==> flow/design.v <==
module sync_sh_core_n (ck, rstn, step, ch_in, sa_in, out_out);
  parameter DATA_WIDTH = 32;
  localparam SBITS = $clog2(DATA_WIDTH);
  input ck;
  input rstn;
  input step;
  input signed [DATA_WIDTH-1:0] ch_in;
  input [SBITS-1:0] sa_in;
  output reg [DATA_WIDTH-1:0] out_out;
  reg signed [DATA_WIDTH-1:0] r_ch;
  reg [SBITS-1:0] r_sa;
  always @(posedge ck) begin
    if (!rstn) begin
      r_ch <= 0;
      r_sa <= 0;
      out_out <= 0;
    end else if (step) begin
      r_ch <= ch_in;
      r_sa <= sa_in;
      out_out <= r_ch >>> r_sa;
    end
  end
endmodule
Reports on sync_sh_core_n

Tool output for the design above, in the order of the flow.
Lines are those of the file above, counted from 1.
Cell names lack the library's common part.
Not given: --

Top: sync_sh_core_n
Clock port: ck
Cell library: sky130hd
Timing corner: tt_025C_1v80

Word level

Source: Yosys, flattened and elaborated, memories not mapped. Widths are those after wreduce; folded enables and synchronous resets count as part of the registers. Registers that Yosys merges into a memory's read port (data or address) are not register bits. Print and check cells do not count. Equal cells are merged and count once.

Bits in registers: 69
Input port bits: 40
Elaborated cells: 4

Shift-type cells: 1

Operators by type and width:

| kind                                           | number |
| 32-bit by 5-bit >>> shifter with 32-bit output | 1 |

Depth

Yosys ltp: most cells in a row. Word level: on the elaborated netlist, between registers, memories and ports. Mapped: between sequential cells and ports; inverters and the memories' decode and read muxes count.

Depth after elaboration: 1
ABC_AREA: 0
Mapped depth: 8
Gate-level depth less buffers: 5

After synthesis

Source: synth_stat.txt of the flow (Yosys; design flattened, memories mapped). It holds for the ABC_AREA given above (unset counts as 0); a run with the other value may have another netlist.

Cells by type:

| cell     | number | area in all (sq um) |
| dfxtp_1  | 69     | 1.38E+03 |
| mux2i_1  | 71     | 710.682 |
| mux4_2   | 26     | 585.562 |
| nor2_1   | 61     | 228.97 |
| nand2_1  | 31     | 116.362 |
| a21oi_1  | 23     | 115.11 |
| o21ai_0  | 19     | 95.091 |
| clkbuf_1 | 20     | 75.072 |
| o21ai_1  | 15     | 75.072 |
| nand3_1  | 12     | 60.058 |
| mux2_2   | 5      | 56.304 |
| a211oi_1 | 7      | 52.55 |
| a31oi_1  | 8      | 50.048 |
| buf_4    | 6      | 45.043 |
| mux2_1   | 4      | 45.043 |
| o22ai_1  | 7      | 43.792 |
| o211ai_1 | 5      | 37.536 |
| a221oi_1 | 4      | 35.034 |

Other cell types: 31; their cells: 61.

Cell count: 454
Cell area after synthesis: 4219.0 sq um
Flip-flop cells: 69
Buffer cells: 42

Path before layout

Path of least setup slack by OpenSTA after synthesis, without wires, with an ideal clock, recovery checks aside; 20% of the period is set as input and as output delay. Where synthesis merged equal registers, the netlist keeps one of their names.

Kind: reg-to-reg
Start: register r_sa[1]
End: register out_out[4]
Period: 2.22 ns
Launch time at the first pin: 0.000 ns
Data arrival time: 1.647 ns
Data required time: 2.092 ns
Setup slack: 0.445 ns
Path delay: 1.775 ns
Driving pins on the path: 8
Buffers on the path: 2
Synthesis period reached: 1.775 ns

"path delay" = arrival - input delay + setup time.
"driving pins on the path": output pins that drive a net of the path, with the launching flip-flop's if there is one; two outputs of one cell count as two.
"synthesis period reached" = period - worst setup slack (recovery checks aside). The figure is calculated, with input and output delays left at 20% of the set period.
Between the ends stands the longest chain of elaborated cells between them, by number of cells; it is not shown to be the way that was timed. Of several equally long chains one is given.
Each line given opens the expression or statement behind the cell; cells for indexed reads and writes are added by Yosys, which also makes memories of some case tables.

Cells stage by stage: dfxtp_1 buf_6 buf_6 mux4_2 mux2i_1 mux2i_1 a221oi_1 nor2_1
Length of the longest elaborated chain: 1

Ends and longest elaborated chain, after synthesis:

| item                                           | RTL line | source |
| start, declared                                | 11       | `reg [SBITS-1:0] r_sa;` |
| start, assigned                                | 15       | `r_sa <= 0;` |
| start, assigned                                | 19       | `r_sa <= sa_in;` |
| 32-bit by 5-bit >>> shifter with 32-bit output | 20       | `out_out <= r_ch >>> r_sa;` |
| end, assigned                                  | 16       | `out_out <= 0;` |
| end, assigned                                  | 20       |  |
| end, declared                                  | 9        | `output reg [DATA_WIDTH-1:0] out_out;` |

Worst path after layout

From the final timing report of record 1: the path of least setup slack in the routed layout; clock arrival at registers is part of the times.

Kind: reg-to-reg
Start: register r_sa[1]
End: register out_out[15]
Period: 2.22 ns
Launch time at the first pin: 0.36 ns
Data arrival time: 2.27 ns
Data required time: 2.46 ns
Setup slack: 0.19 ns
Driving pins on the path: 6
Buffers on the path: 1

Between the ends stands the longest chain of elaborated cells between them, by number of cells; it is not shown to be the way that was timed. Of several equally long chains one is given.

Cells stage by stage: dfxtp_4 buf_4 mux4_2 mux2_2 a211oi_1 nor2_1
Length of the longest elaborated chain: 1

Ends and longest elaborated chain, after layout:

| item                                           | RTL line | source |
| start, declared                                | 11       | `reg [SBITS-1:0] r_sa;` |
| start, assigned                                | 15       | `r_sa <= 0;` |
| start, assigned                                | 19       | `r_sa <= sa_in;` |
| 32-bit by 5-bit >>> shifter with 32-bit output | 20       | `out_out <= r_ch >>> r_sa;` |
| end, assigned                                  | 16       | `out_out <= 0;` |
| end, assigned                                  | 20       |  |
| end, declared                                  | 9        | `output reg [DATA_WIDTH-1:0] out_out;` |

Ticket comment

sync_sh_core_n through Yosys and OpenROAD on sky130hd: 3 stored runs, unordered, with their settings and measured results. The constraints put input and output delay at 20% of the set period each and load the outputs with 0.01 pF.
"achieved period" is the run's clock period less its worst setup slack. It is reckoned from that one timing run; input and output delays stay at 20% of the period that was set.
"worst setup path time" is the time allowed to the run's worst setup path (the clock period less input and output delay, where it has them) less its slack. Clock arrival times count: a late capture clock shortens it, a late launch clock lengthens it.
"total power of the final layout": no workload was simulated; the value follows from the tool's default switching activity.
Settings: -- = not set for that run.

| name                                      | record 1   | record 2   | record 3   |
| period_ns                                 | 2.22       | 1.92       | 2.79       |
| CAP_MARGIN                                | 20         | 20         | 10         |
| CORE_MARGIN                               | 2          | 9          | 4          |
| CORE_UTILIZATION                          | 40         | 63         | 56         |
| SLEW_MARGIN                               | 20         | 20         | 15         |
| SETUP_SLACK_MARGIN                        | --         | -0.1       | 0.45       |
| PLACE_DENSITY                             | --         | 0.62       | --         |
| HOLD_SLACK_MARGIN                         | --         | 0.07       | --         |
| CORE_ASPECT_RATIO                         | --         | 0.67       | --         |
| TNS_END_PERCENT                           | --         | 55         | --         |
| GPL_ROUTABILITY_DRIVEN                    | --         | 1          | --         |
| MIN_ROUTING_LAYER                         | --         | met1       | met1       |
| MAX_ROUTING_LAYER                         | --         | met4       | --         |
| PLACE_DENSITY_LB_ADDON                    | --         | --         | 0.29       |
| GPL_TIMING_DRIVEN                         | --         | --         | 1          |
| CTS_CLUSTER_DIAMETER                      | --         | --         | 312        |
| standard-cell area after layout (sq um)   | 5353.9     | 5363.9     | 5221.3     |
| worst setup path time (ns)                | 2.03       | 2.02       | 2.07       |
| worst setup path kind                     | reg-to-reg | reg-to-reg | reg-to-reg |
| chip area after synthesis (Yosys) (sq um) | 4219.0     | 4219.0     | 4219.0     |
| area of the die (sq um)                   | 11384.9    | 10026.1    | 8987.0     |
| achieved period (ns)                      | 2.029      | 2.020      | 2.072      |
| lowest setup slack (ns)                   | 0.191      | -0.100     | 0.718      |
| post-route utilization                    | 0.521      | 0.863      | 0.716      |
| total power of the final layout (mW)      | 3.340      | 3.958      | 2.754      |
| setup total negative slack (ns)           | 0.000      | -0.408     | 0.000      |
| worst-case hold slack (ns)                | 0.463      | 0.441      | 0.479      |
